==> flow/design.v <==
module add_unit_fa (
   input wire a,
   input wire b,
   input wire ci,
   output wire s,
   output wire co
);
   wire p = a ^ b;
   assign s = p ^ ci;
   assign co = p ? ci : a;
endmodule
module add_unit #(
   parameter integer BITS = 14
) (
   input core_clk,
   input srst,
   input en,
   input [BITS-1:0] lhs,
   input [BITS-1:0] rhs,
   input cin,
   output reg [BITS-1:0] total,
   output reg cy
);
   reg [BITS-1:0] lhs_s;
   reg [BITS-1:0] rhs_s;
   reg cin_s;
   wire [BITS-1:0] nxt;
   wire [BITS:0] chain;
   assign chain[0] = cin_s;
   genvar i;
   generate
      for (i = 0; i < BITS; i = i + 1) begin : lane
         add_unit_fa i_sub (.a(lhs_s[i]), .b(rhs_s[i]), .ci(chain[i]), .s(nxt[i]), .co(chain[i+1]));
      end
   endgenerate
   always @(posedge core_clk or posedge srst) begin
      if (srst) begin
         lhs_s <= 0;
         rhs_s <= 0;
         cin_s <= 1'b0;
         total <= 0;
         cy <= 1'b0;
      end else if (en) begin
         lhs_s <= lhs;
         rhs_s <= rhs;
         cin_s <= cin;
         total <= nxt;
         cy <= chain[BITS];
      end
   end
endmodule
### From RTL to reports: add_unit

The steps from the RTL of add_unit to its reports follow in flow order.
Line numbers count from 1 in the design file above.
Operators carry their Yosys type and port widths (W data, S select, Z words).
Library cell names are shortened.
Not given: --

| inputs | value |
|---|---|
| design top | add_unit |
| clock port | core_clk |
| library | sky130hd |
| library corner | tt_025C_1v80 |

### Elaborated design

Yosys after proc, flatten, opt, wreduce and memory -nomap, before mapping. Enables and synchronous resets that opt folds into registers are not counted as muxes. Memory bits, and registers merged into a memory's read port (data or address), are not among the register bits. Print and check cells are not counted. Equal cells are merged and count once.

| operators by class | value |
|---|---|
| mux-type cells | 14 |
| bitwise operators | 28 |

Operators with widths:

| operator | count |
|---|---|
| $xor A1 B1 Y1 | 28 |
| $mux W1 | 14 |

| word-level totals | value |
|---|---|
| register bits | 44 |
| input port bits | 32 |
| output and inout bits | 15 |
| word-level cells | 47 |

### Logic depth

Yosys ltp: most cells in a row. Word level: on the elaborated netlist, between registers, memories and ports. Mapped: between sequential cells and ports; inverters and the memories' decode and read muxes count.

| logic depth | value |
|---|---|
| depth after elaboration | 15 |
| ABC_AREA | 0 |
| mapped depth | 8 |
| depth with buffers taken out | 8 |

### Synthesis result

Yosys stat after the flow's synthesis: flattened, memories mapped to cells. It holds for the ABC_AREA given above (unset counts as 0); a run with the other value may have another netlist.
The area totals of this step are shown rounded.

| mapped netlist | value |
|---|---|
| standard cells after synthesis | 193 |
| cell area after synthesis | 0.00222 mm² |
| sequential part of the area | 0.0011 mm² |
| flip-flop cells | 44 |
| buffer cells | 7 |

Cell types:

| cell type | count | area in all (µm²) |
|---|---|---|
| dfrtp_1 | 44 | 1.1E+03 |
| mux2_2 | 34 | 382.867 |
| xnor2_1 | 20 | 175.168 |
| o21ai_0 | 12 | 60.058 |
| nand2_1 | 14 | 52.55 |
| xor2_1 | 6 | 52.55 |
| nor2_1 | 11 | 41.29 |
| a21oi_1 | 6 | 30.029 |
| maj3_1 | 3 | 30.029 |
| a22oi_1 | 3 | 22.522 |
| a31oi_1 | 3 | 18.768 |
| or2_2 | 3 | 18.768 |
| clkbuf_1 | 4 | 15.014 |
| nand3_1 | 3 | 15.014 |
| o211ai_1 | 2 | 15.014 |
| o221ai_2 | 1 | 15.014 |
| a31oi_2 | 1 | 12.512 |
| a311o_2 | 1 | 11.261 |

Other cell types: 19; their cells: 22.
The figures by module come from a second, unflattened synthesis with its own total; it is not the netlist above.

| unflattened totals | value |
|---|---|
| cell total of the unflattened synthesis | 122 |
| area (unflattened synthesis) | 0.00231 mm² |

Each row is one instance without its submodules.

Modules:

| module | times used | cells | area (mm²) | seq. area (mm²) |
|---|---|---|---|---|
| add_unit | 1 | 94 | 0.00184 | 0.0011 |
| add_unit_fa | 14 | 2 | 0.0000338 | 0 |

### Path before layout

Path of least setup slack by OpenSTA after synthesis, without wires, with an ideal clock, recovery checks aside; 20% of the period is set as input and as output delay. Where synthesis merged equal registers, the netlist keeps one of their names.

| timing path after synthesis | value |
|---|---|
| path type | flip-flop to flip-flop |
| start point | register lhs_s[8] |
| end point | register total[12] |
| clock period | 2640 ps |
| library setup time | 126 ps |
| time at the first pin | 0 ps |
| arrival | 1985 ps |
| data required time | 2514 ps |
| slack | 529 ps |
| delay of the path | 2111 ps |
| stages | 9 |
| buffers on the path | 0 |
| synthesis period reached | 2111 ps |

"delay of the path" is the arrival time less input delay plus setup time.
"stages": output pins that drive a net of the path, with the launching flip-flop's if there is one; two outputs of one cell count as two.
"synthesis period reached" is the clock period less the worst setup slack; recovery checks do not enter. This is arithmetic on one report: input and output delays are still those of the set period (20% each).
The rows between start and end are the longest chain of elaborated cells between them; the timing report does not say that the signal goes this way. Where chains are equally long, one stands for them.
Each line given opens the expression or statement behind the cell; cells for indexed reads and writes are added by Yosys, which also makes memories of some case tables.

| on the way, after synthesis | value |
|---|---|
| cell sequence | dfrtp_1 > o21ai_0 > a221oi_1 > a211oi_1 > a31oi_2 > maj3_2 > o221ai_2 > a31oi_1 > a221o_1 |
| length of the longest elaborated chain | 6 |
| elaborated cells on any way between the ends | 6 |
| RTL lines with such cells | 3 |
| classes of those cells | mux (4); logic (2) |

Ends and longest elaborated chain, after synthesis:

| what | RTL line | text |
|---|---|---|
| start: declaration | 24 | `reg [BITS-1:0] lhs_s;` |
| start: assignment | 38 | `lhs_s <= 0;` |
| start: assignment | 44 | `lhs_s <= lhs;` |
| $xor A1 B1 Y1 | 8 | `wire p = a ^ b;` |
| $mux W1 (4 in a row) | 10 | `assign co = p ? ci : a;` |
| $xor A1 B1 Y1 | 9 | `assign s = p ^ ci;` |
| end: assignment | 41 | `total <= 0;` |
| end: assignment | 47 | `total <= nxt;` |
| end: declaration | 21 | `output reg [BITS-1:0] total,` |

### Worst path after layout

Path of least setup slack in the final report of stored run 1 (OpenROAD, finished layout, wires in). Where an end is a register, its clock arrival counts in the times.
The report prints the path's times to 10 ps; the period is as set.

| timing path post-layout | value |
|---|---|
| path type | flip-flop to flip-flop |
| start point | register lhs_s[0] |
| end point | register cy |
| clock period | 1680 ps |
| library setup time | 120 ps |
| time at the first pin | 300 ps |
| arrival | 2380 ps |
| data required time | 1850 ps |
| slack | -530 ps |
| stages | 9 |
| buffers on the path | 0 |

The rows between start and end are the longest chain of elaborated cells between them; the timing report does not say that the signal goes this way. Where chains are equally long, one stands for them.

| on the way, post-layout | value |
|---|---|
| cell sequence | dfrtp_1 > a21oi_2 > o221ai_2 > nand3_2 > a31oi_2 > maj3_2 > a311o_2 > o211ai_1 > a31oi_1 |
| length of the longest elaborated chain | 15 |
| elaborated cells on any way between the ends | 15 |
| RTL lines with such cells | 2 |
| classes of those cells | mux (14); logic (1) |

Ends and longest elaborated chain, post-layout:

| what | RTL line | text |
|---|---|---|
| start: declaration | 24 | `reg [BITS-1:0] lhs_s;` |
| start: assignment | 38 | `lhs_s <= 0;` |
| start: assignment | 44 | `lhs_s <= lhs;` |
| $xor A1 B1 Y1 | 8 | `wire p = a ^ b;` |
| $mux W1 (14 in a row) | 10 | `assign co = p ? ci : a;` |
| end: assignment | 42 | `cy <= 1'b0;` |
| end: assignment | 48 | `cy <= chain[BITS];` |
| end: declaration | 22 | `output reg cy` |

--- measured runs ---
Module add_unit, platform sky130hd: 3 stored runs of the flow (Yosys, OpenROAD) with differing settings, in no particular order. Input and output delays are each 20% of the period that was set; the output load is 0.01 pF.
"reached clock period": clock period set for the run, less the worst setup slack. It is reckoned from that one timing run; input and output delays stay at 20% of the period that was set.
"time of the worst setup path" means the part of the period allowed to the worst setup path (the constraints hold back 20% at inputs and 20% at outputs) less its slack; where the path has registers, the arrival times of their clocks count too.
"total power of the final layout" rests on the timing tool's default activity at the inputs, not on a simulated workload.
"time of the worst setup path" is known to 10 ps.
The measured numbers are rounded.
A setting shown as . is not set for that run.

| run name | period_ns | CORE_UTILIZATION | SETUP_SLACK_MARGIN | CORE_ASPECT_RATIO | GPL_ROUTABILITY_DRIVEN | CAP_MARGIN | MIN_ROUTING_LAYER | MAX_ROUTING_LAYER | CORE_MARGIN | SLEW_MARGIN | PLACE_DENSITY | HOLD_SLACK_MARGIN | TNS_END_PERCENT | CTS_CLUSTER_SIZE | CTS_CLUSTER_DIAMETER | worst setup slack after layout (ps) | time of the worst setup path (ps) | type of the worst setup path | total negative setup slack (ps) | chip area after synthesis (Yosys) (mm²) | final design utilization (%) | reached clock period (ps) | standard-cell area after routing (mm²) | total power of the final layout (µW) | total die area (mm²) |
|---|---|---|---|---|---|---|---|---|---|---|---|---|---|---|---|---|---|---|---|---|---|---|---|---|---|
| stored run 1 | 1.68 | 60 | 0.13 | 1.32 | 1 | 20 | met2 | met5 | 2 | 20 | . | . | . | . | . | -533 | 2210 | flip-flop to flip-flop | -3260 | 0.00222 | 94.4 | 2213 | 0.00336 | 3650 | 0.00421 |
| stored run 2 | 2.64 | 40 | . | . | . | 20 | . | . | 2 | 20 | . | . | . | . | . | 358 | 2280 | flip-flop to flip-flop | 0 | 0.00222 | 52.5 | 2282 | 0.00286 | 1990 | 0.00616 |
| stored run 3 | 2.98 | 23 | -0.28 | 0.66 | . | 20 | met1 | met4 | 2 | 20 | 0.53 | 0.15 | 55 | 17 | 271 | 665 | 2320 | flip-flop to flip-flop | 0 | 0.00222 | 31.2 | 2315 | 0.00297 | 1940 | 0.0105 |
--- end ---
